==> flow/design.v <==
module cmp_unit_blk #(
    parameter int W = 112
) (
    input logic core_clk,
    input logic clr,
    input logic [W-1:0] lhs_in,
    input logic [W-1:0] rhs_in,
    output logic a_lt_b_out,
    output logic is_eq_out,
    output logic gt_out
);
    always_ff @(posedge core_clk or posedge clr) begin
        if (clr) begin
            a_lt_b_out <= 1'b0;
            is_eq_out <= 1'b0;
            gt_out <= 1'b0;
        end else begin
            a_lt_b_out <= (lhs_in < rhs_in);
            is_eq_out <= (lhs_in == rhs_in);
            gt_out <= (lhs_in > rhs_in);
        end
    end
endmodule
Reports on cmp_unit_blk
What the tools print for cmp_unit_blk, step after step.
Lines are those of the file above, counted from 1.
Operators: Yosys type, input widths -> output width; for muxes data width and select width s.
Library cell names are shortened.
A cell with n/a has no value.

design
  design top = cmp_unit_blk
  clock = core_clk
  standard-cell library = sky130hd
  corner = tt_025C_1v80

After elaboration
Yosys after proc, flatten, opt, wreduce and memory -nomap, before mapping. Enables and synchronous resets that opt folds into registers are not counted as muxes. Memory bits, and registers merged into a memory's read port (data or address), are not among the register bits. Print and check cells are not counted. Equal cells are merged and count once.

word-level totals
  output and inout port bits = 3
  bits of input ports = 226
  cells after elaboration = 6
  bits in registers = 3

cells by class
  $lt $le $gt $ge = 2
  equality and inequality tests = 1

operators with widths
  kind            count
  $gt 112x112->1  1
  $lt 112x112->1  1
  $eq 112x112->1  1

Longest topological paths
Depth = most cells in a row (Yosys ltp): at word level without a register or memory, in the mapped netlist without a sequential cell, where the memories' decode and read muxes count.

depth
  depth after elaboration = 1
  ABC_AREA = 0
  mapped depth = 9
  depth with buffers taken out = 9

After synthesis
Source: synth_stat.txt of the flow (Yosys; design flattened, memories mapped). It holds for the ABC_AREA given above (unset counts as 0); a run with the other value may have another netlist.
The area totals of this step are shown rounded.

cell types
  type      count  area in all (um2)
  ha_1      112    1.4E+03
  inv_1     117    439.171
  a21oi_1   41     205.197
  nand4_1   22     137.632
  a21o_1    13     97.594
  nand2_1   26     97.594
  nand3_1   18     90.086
  dfrtp_1   3      75.072
  o21ai_0   11     55.053
  o211ai_1  6      45.043
  a221o_1   4      40.038
  a221oi_1  3      26.275
  nor2_1    7      26.275
  nor3_1    5      25.024
  nor4_1    4      25.024
  nor4_2    2      25.024
  a211o_1   2      17.517
  a21oi_2   2      17.517

Not listed: further types 11, cells in them 11.

mapped netlist
  cell count = 409
  area of sequential cells = 75.1 um2
  buffer cells = 0
  flip-flop cells = 3
  cell area after synthesis = 2950 um2

Path before layout
Path of least setup slack by OpenSTA after synthesis, without wires, with an ideal clock, recovery checks aside; 20% of the period is set as input and as output delay. Where synthesis merged equal registers, the netlist keeps one of their names.

timing path post-synthesis
  kind = input -> register
  from = input rhs_in[57]
  to = register gt_out
  stages on the path = 9
  time at the first pin = 0.536 ns
  data arrival time = 2.131 ns
  delay of the path = 1.714 ns
  library setup time = 0.119 ns
  slack = 0.430 ns
  period = 2.68 ns
  required time = 2.561 ns
  buffers on the path = 0
  input delay = 0.536 ns
  synthesis period reached = 2.25 ns

"delay of the path" = arrival - input delay + setup time.
"stages on the path": output pins that drive a net of the path, with the launching flip-flop's if there is one; two outputs of one cell count as two.
"synthesis period reached" = period - worst setup slack (recovery checks aside). The figure is calculated, with input and output delays left at 20% of the set period.
Between the ends stands the longest chain of elaborated cells between them, by number of cells; it is not shown to be the way that was timed. Of several equally long chains one is given.
A line is the first line of the expression or statement that the cell stems from. Yosys adds cells for indexed reads and writes and turns some case tables into memories.

between the ends, post-synthesis
  cell sequence = inv_1 -> ha_1 -> a21oi_2 -> o21a_1 -> o211ai_1 -> a2111oi_2 -> o211ai_1 -> a211o_1 -> o21ba_1
  length of the longest elaborated chain = 1
  elaborated cells on any way between the ends = 1
  RTL lines with such cells = 1
  classes of those cells = compare (1)

ends and longest elaborated chain, post-synthesis
  element          line  source
  start, declared  7     input logic [W-1:0] rhs_in,
  $gt 112x112->1   20    gt_out <= (lhs_in > rhs_in);
  end, assigned    16    gt_out <= 1'b0;
  end, assigned    20
  end, declared    10    output logic gt_out

Timing after layout
Path of least setup slack in the final report of run 1 (OpenROAD, finished layout, wires in). Where an end is a register, its clock arrival counts in the times.

timing path after layout
  kind = input -> register
  from = input rhs_in[94]
  to = register gt_out
  slack = 0.10 ns
  buffers on the path = 1
  time at the first pin = 0.54 ns
  required time = 2.78 ns
  data arrival time = 2.68 ns
  period = 2.68 ns
  stages on the path = 10
  input delay = 0.54 ns
  library setup time = 0.11 ns

Between the ends stands the longest chain of elaborated cells between them, by number of cells; it is not shown to be the way that was timed. Of several equally long chains one is given.

between the ends, after layout
  cell sequence = clkdlybuf4s50_1 -> inv_1 -> ha_4 -> a21oi_1 -> nand2_1 -> a221o_1 -> a211oi_2 -> o211ai_1 -> a211o_1 -> o21ba_1
  length of the longest elaborated chain = 1
  elaborated cells on any way between the ends = 1
  RTL lines with such cells = 1
  classes of those cells = compare (1)

ends and longest elaborated chain, after layout
  element          line  source
  start, declared  7     input logic [W-1:0] rhs_in,
  $gt 112x112->1   20    gt_out <= (lhs_in > rhs_in);
  end, assigned    16    gt_out <= 1'b0;
  end, assigned    20
  end, declared    10    output logic gt_out

# Flow runs of cmp_unit_blk

Measured results for cmp_unit_blk: 3 stored runs of the Yosys and OpenROAD flow on sky130hd. The settings differ; the order carries no meaning. The constraints put input and output delay at 20% of the set period each and load the outputs with 0.01 pF.
"clock period reached" is the run's clock period less its worst setup slack. It is reckoned from that one timing run; input and output delays stay at 20% of the period that was set.
"allowed time less slack (worst setup path)": the worst setup path's part of the clock period (all of it between registers, 20% less for each end at a port) less its slack. A launch clock that arrives late makes it longer, a capture clock that arrives late makes it shorter.
"overall power" rests on the timing tool's default activity at the inputs, not on a simulated workload.
Measured values are rounded.
Among the settings, -- means not set for that run.

item                                             run 1              run 2              run 3
period_ns                                        2.68               3.39               3.91
CAP_MARGIN                                       20                 20                 20
CORE_MARGIN                                      2                  2                  2
CORE_UTILIZATION                                 40                 33                 25
SLEW_MARGIN                                      20                 20                 20
PLACE_DENSITY_LB_ADDON                           --                 0.19               0.25
TNS_END_PERCENT                                  --                 25                 --
ABC_AREA                                         --                 0                  --
CTS_CLUSTER_SIZE                                 --                 37                 91
MIN_ROUTING_LAYER                                --                 met2               --
SETUP_SLACK_MARGIN                               --                 --                 0.88
CELL_PAD_IN_SITES_DETAIL_PLACEMENT               --                 --                 2
MAX_ROUTING_LAYER                                --                 --                 met5
setup slack of the worst path (ns)               0.102              0.510              0.947
utilization in the final report                  0.777              0.624              0.49
std-cell area (final layout) (um2)               5610               5420               5620
total negative setup slack (ns)                  0.000              0.000              0.000
area of the die (um2)                            8080               9710               12700
clock period reached (ns)                        2.578              2.880              2.963
synthesis area (um2)                             2950               2950               2950
allowed time less slack (worst setup path) (ns)  2.04               2.20               2.18
kind of the worst setup path                     input -> register  input -> register  input -> register
overall power (mW)                               0.948              0.725              0.763
